==> flow/design.v <==
module ex_cmp #(
  parameter DATA_WIDTH = 40
) (
  input  logic core_clk,
  input  logic resetn,
  input  logic [DATA_WIDTH-1:0] src1,
  input  logic [DATA_WIDTH-1:0] src2,
  output logic greater,
  output logic less
);
  logic g;
  logic l;
  always_comb begin
    g = 1'b0;
    l = 1'b0;
    for (int t = DATA_WIDTH-1; t >= 0; t = t - 1) begin
      if (!g && !l) begin
        g = src1[t] & ~src2[t];
        l = ~src1[t] & src2[t];
      end
    end
  end
  logic greater_s;
  always_ff @(posedge core_clk or negedge resetn) begin
    if (~resetn) begin
      greater_s <= 1'b0;
    end else begin
      greater_s <= g;
    end
  end
  assign greater = greater_s;
  logic less_s;
  always_ff @(posedge core_clk or negedge resetn) begin
    if (~resetn) begin
      less_s <= 1'b0;
    end else begin
      less_s <= l;
    end
  end
  assign less = less_s;
endmodule
**From RTL to reports: ex_cmp**

The steps from the RTL of ex_cmp to its reports follow in flow order.
Lines are those of the file above, counted from 1.
Operators carry their Yosys type and port widths (W data, S select, Z words).
A cell with - has no value.

- Top: ex_cmp
- Clock: core_clk
- Standard-cell library: sky130hd
- Timing corner: tt_025C_1v80

**Elaborated design**

Counts by Yosys on the flattened word-level netlist (proc, flatten, opt, wreduce; memories kept). Register bits leave out memories and registers merged into their read ports (data or address); mux counts leave out enables and synchronous resets folded into registers. Print and check cells are left out. Cells with the same type and inputs are merged into one.

- Bits in registers: 2
- Bits of input ports: 82
- Output and inout bits: 2
- Cells after elaboration: 357

- Muxes and demuxes: 78
- Bitwise logic cells: 160
- Reductions and logical operators: 117

Operators by type and width:

| kind | count |
|---|---|
| $and A1 B1 Y1 | 80 |
| $not A1 Y1 | 80 |
| $logic_not A1 Y1 | 78 |
| $mux W1 | 78 |
| $logic_and A1 B1 Y1 | 39 |

**Logic depth**

Depth = most cells in a row (Yosys ltp): at word level without a register or memory, in the mapped netlist without a sequential cell, where the memories' decode and read muxes count.

- Depth in word-level cells: 119
- ABC_AREA: 0
- Gate-level depth with buffers: 8
- Mapped depth without buffers: 8

**After synthesis**

Source: synth_stat.txt of the flow (Yosys; design flattened, memories mapped). It holds for the ABC_AREA given above (unset counts as 0); a run with the other value may have another netlist.
Totals and module areas in this step are rounded.

Cells by type:

| cell type | count | area in all (um2) |
|---|---|---|
| sky130_fd_sc_hd__maj3_1 | 25 | 250.24 |
| sky130_fd_sc_hd__nand2b_1 | 23 | 143.888 |
| sky130_fd_sc_hd__nor2b_1 | 20 | 125.12 |
| sky130_fd_sc_hd__inv_1 | 24 | 90.086 |
| sky130_fd_sc_hd__maj3_2 | 7 | 78.826 |
| sky130_fd_sc_hd__dfrtp_1 | 2 | 50.048 |
| sky130_fd_sc_hd__o21ai_0 | 9 | 45.043 |
| sky130_fd_sc_hd__nand2_1 | 11 | 41.29 |
| sky130_fd_sc_hd__a21oi_1 | 6 | 30.029 |
| sky130_fd_sc_hd__ha_1 | 2 | 25.024 |
| sky130_fd_sc_hd__o21ai_1 | 5 | 25.024 |
| sky130_fd_sc_hd__o21bai_1 | 3 | 22.522 |
| sky130_fd_sc_hd__nand3_1 | 4 | 20.019 |
| sky130_fd_sc_hd__o211a_1 | 2 | 20.019 |
| sky130_fd_sc_hd__nor2_1 | 4 | 15.014 |
| sky130_fd_sc_hd__o211ai_1 | 2 | 15.014 |
| sky130_fd_sc_hd__o31ai_1 | 2 | 15.014 |
| sky130_fd_sc_hd__a21boi_2 | 1 | 11.261 |

Not listed: further types 13, cells in them 14.

- Standard cells after synthesis: 166
- Mapped area: 1,130 um2
- Sequential part of the area: 50.0 um2
- Flip-flops: 2
- Buffers: 0

**Path before layout**

Path of least setup slack by OpenSTA after synthesis, without wires, with an ideal clock, recovery checks aside; 20% of the period is set as input and as output delay. Where synthesis merged equal registers, the netlist keeps one of their names.

- Kind: input-to-reg
- From: input port src2[30]
- To: register less_s
- Clock period: 2.85 ns
- Input delay: 0.570 ns
- Setup time: 0.126 ns
- Launch time at the first pin: 0.570 ns
- Arrival: 2.271 ns
- Data required time: 2.724 ns
- Slack: 0.453 ns
- Path delay: 1.827 ns
- Stages: 8
- Buffers on the path: 0
- Synthesis period reached: 2.397 ns

"path delay" = arrival - input delay + setup time.
"stages" counts driving pins, that of a launching flip-flop among them; a cell with two outputs on the path counts twice.
"synthesis period reached" = period - worst setup slack (recovery checks aside). The figure is calculated, with input and output delays left at 20% of the set period.
The rows between start and end are the longest chain of elaborated cells between them; the timing report does not say that the signal goes this way. Where chains are equally long, one stands for them.
Each line given opens the expression or statement behind the cell; cells for indexed reads and writes are added by Yosys, which also makes memories of some case tables.

- Path through: sky130_fd_sc_hd__nor2b_1 -> sky130_fd_sc_hd__maj3_2 -> sky130_fd_sc_hd__maj3_2 -> sky130_fd_sc_hd__a21oi_2 -> sky130_fd_sc_hd__a21oi_1 -> sky130_fd_sc_hd__and4b_1 -> sky130_fd_sc_hd__a211o_1 -> sky130_fd_sc_hd__a221o_1
- Length of the longest elaborated chain: 93
- Elaborated cells between the ends (all ways): 154
- RTL lines with such cells: 3
- Classes of those cells: mux: 61; logic: 3; reduce/logical: 90

RTL lines, path after synthesis:

| what | RTL line | text |
|---|---|---|
| start: declaration | 7 | `input  logic [DATA_WIDTH-1:0] src2,` |
| $not A1 Y1 | 18 | `g = src1[t] & ~src2[t];` |
| $and A1 B1 Y1 | 18 |  |
| $mux W1 | 17 | `if (!g && !l) begin` |
| $logic_not A1 Y1 | 17 |  |
| $logic_and A1 B1 Y1 | 17 |  |
| $mux W1 | 17 |  |
| $logic_not A1 Y1 | 17 |  |
| [... 79 more ...] | - |  |
| $mux W1 | 17 |  |
| $logic_not A1 Y1 | 17 |  |
| $logic_and A1 B1 Y1 | 17 |  |
| $mux W1 | 17 |  |
| $logic_not A1 Y1 | 17 |  |
| $logic_and A1 B1 Y1 | 17 |  |
| $mux W1 | 17 |  |
| end: assignment | 35 | `less_s <= 1'b0;` |
| end: assignment | 37 | `less_s <= l;` |
| end: declaration | 32 | `logic less_s;` |

**Worst path after layout**

From the final timing report of flow run A: the path of least setup slack in the routed layout; clock arrival at registers is part of the times.

- Kind: input-to-reg
- From: input port src1[7]
- To: register less_s
- Clock period: 2.4 ns
- Input delay: 0.48 ns
- Setup time: 0.12 ns
- Launch time at the first pin: 0.48 ns
- Arrival: 2.54 ns
- Data required time: 2.49 ns
- Slack: -0.05 ns
- Stages: 9
- Buffers on the path: 1

The rows between start and end are the longest chain of elaborated cells between them; the timing report does not say that the signal goes this way. Where chains are equally long, one stands for them.

- Path through: sky130_fd_sc_hd__clkdlybuf4s50_1 -> sky130_fd_sc_hd__nand2b_1 -> sky130_fd_sc_hd__maj3_1 -> sky130_fd_sc_hd__nand2_1 -> sky130_fd_sc_hd__a31oi_2 -> sky130_fd_sc_hd__o21ai_1 -> sky130_fd_sc_hd__a21boi_0 -> sky130_fd_sc_hd__a211o_1 -> sky130_fd_sc_hd__a221o_1
- Length of the longest elaborated chain: 24
- Elaborated cells between the ends (all ways): 39
- RTL lines with such cells: 3
- Classes of those cells: mux: 15; logic: 3; reduce/logical: 21

RTL lines, path post-layout:

| what | RTL line | text |
|---|---|---|
| start: declaration | 6 | `input  logic [DATA_WIDTH-1:0] src1,` |
| $not A1 Y1 | 19 | `l = ~src1[t] & src2[t];` |
| $and A1 B1 Y1 | 19 |  |
| $mux W1 | 17 | `if (!g && !l) begin` |
| $logic_not A1 Y1 | 17 |  |
| $logic_and A1 B1 Y1 | 17 |  |
| $mux W1 | 17 |  |
| $logic_not A1 Y1 | 17 |  |
| [... 10 more ...] | - |  |
| $mux W1 | 17 |  |
| $logic_not A1 Y1 | 17 |  |
| $logic_and A1 B1 Y1 | 17 |  |
| $mux W1 | 17 |  |
| $logic_not A1 Y1 | 17 |  |
| $logic_and A1 B1 Y1 | 17 |  |
| $mux W1 | 17 |  |
| end: assignment | 35 | `less_s <= 1'b0;` |
| end: assignment | 37 | `less_s <= l;` |
| end: declaration | 32 | `logic less_s;` |

Subject: ex_cmp on sky130hd, stored results

Hello all,

Module ex_cmp, platform sky130hd: 3 stored runs of the flow (Yosys, OpenROAD) with differing settings, in no particular order. Input and output delays are each 20% of the period that was set; the output load is 0.01 pF.
By "period reached" is meant the clock period of the run minus its worst setup slack. This is arithmetic on one report: input and output delays are still those of the set period (20% each).
By "worst path time" is meant the share of the clock period that the worst setup path is allowed (20% is reserved at inputs, 20% at outputs), minus its slack. Clock arrival times at its registers enter into it.
By "overall power" is meant OpenSTA's value without simulated activity: inputs other than the clock are taken to toggle once in ten clock periods, and the tool carries that through the logic.
Results are given in rounded form.

### Flow run A

Settings: `period_ns=2.4`, `CORE_UTILIZATION=25`, `SETUP_SLACK_MARGIN=-0.04`, `PLACE_DENSITY_LB_ADDON=0.27`, `CORE_ASPECT_RATIO=1.04`, `CELL_PAD_IN_SITES_DETAIL_PLACEMENT=2`, `ABC_AREA=0`, `GPL_TIMING_DRIVEN=0`, `CTS_CLUSTER_SIZE=30`, `CTS_CLUSTER_DIAMETER=372`, `SLEW_MARGIN=35`, `CAP_MARGIN=20`, `CORE_MARGIN=2`

- Total negative setup slack: -0.057 ns
- Smallest setup slack: -0.049 ns
- Overall power: 0.5948 mW
- Worst path time: 1.97 ns
- Class of the worst setup path: input-to-reg
- Total die area: 5,073 um2
- Standard-cell area after layout: 2,205 um2
- Yosys chip area after synthesis: 1,130 um2
- Utilization after routing: 51.7%
- Period reached: 2.449 ns

### Flow run B

Settings: `period_ns=2.85`, `CAP_MARGIN=20`, `CORE_MARGIN=2`, `CORE_UTILIZATION=40`, `SLEW_MARGIN=20`

- Total negative setup slack: 0.000 ns
- Smallest setup slack: 0.135 ns
- Overall power: 0.3921 mW
- Worst path time: 2.14 ns
- Class of the worst setup path: input-to-reg
- Total die area: 3,266 um2
- Standard-cell area after layout: 2,029 um2
- Yosys chip area after synthesis: 1,130 um2
- Utilization after routing: 74.9%
- Period reached: 2.715 ns

### Flow run C

Settings: `period_ns=1.61`, `CORE_UTILIZATION=72`, `PLACE_DENSITY=0.43`, `HOLD_SLACK_MARGIN=-0.1`, `CELL_PAD_IN_SITES_GLOBAL_PLACEMENT=0`, `CTS_CLUSTER_SIZE=58`, `CAP_MARGIN=20`, `CORE_MARGIN=2`, `SLEW_MARGIN=20`

No results, placement failed with GPL-0301.

Thanks
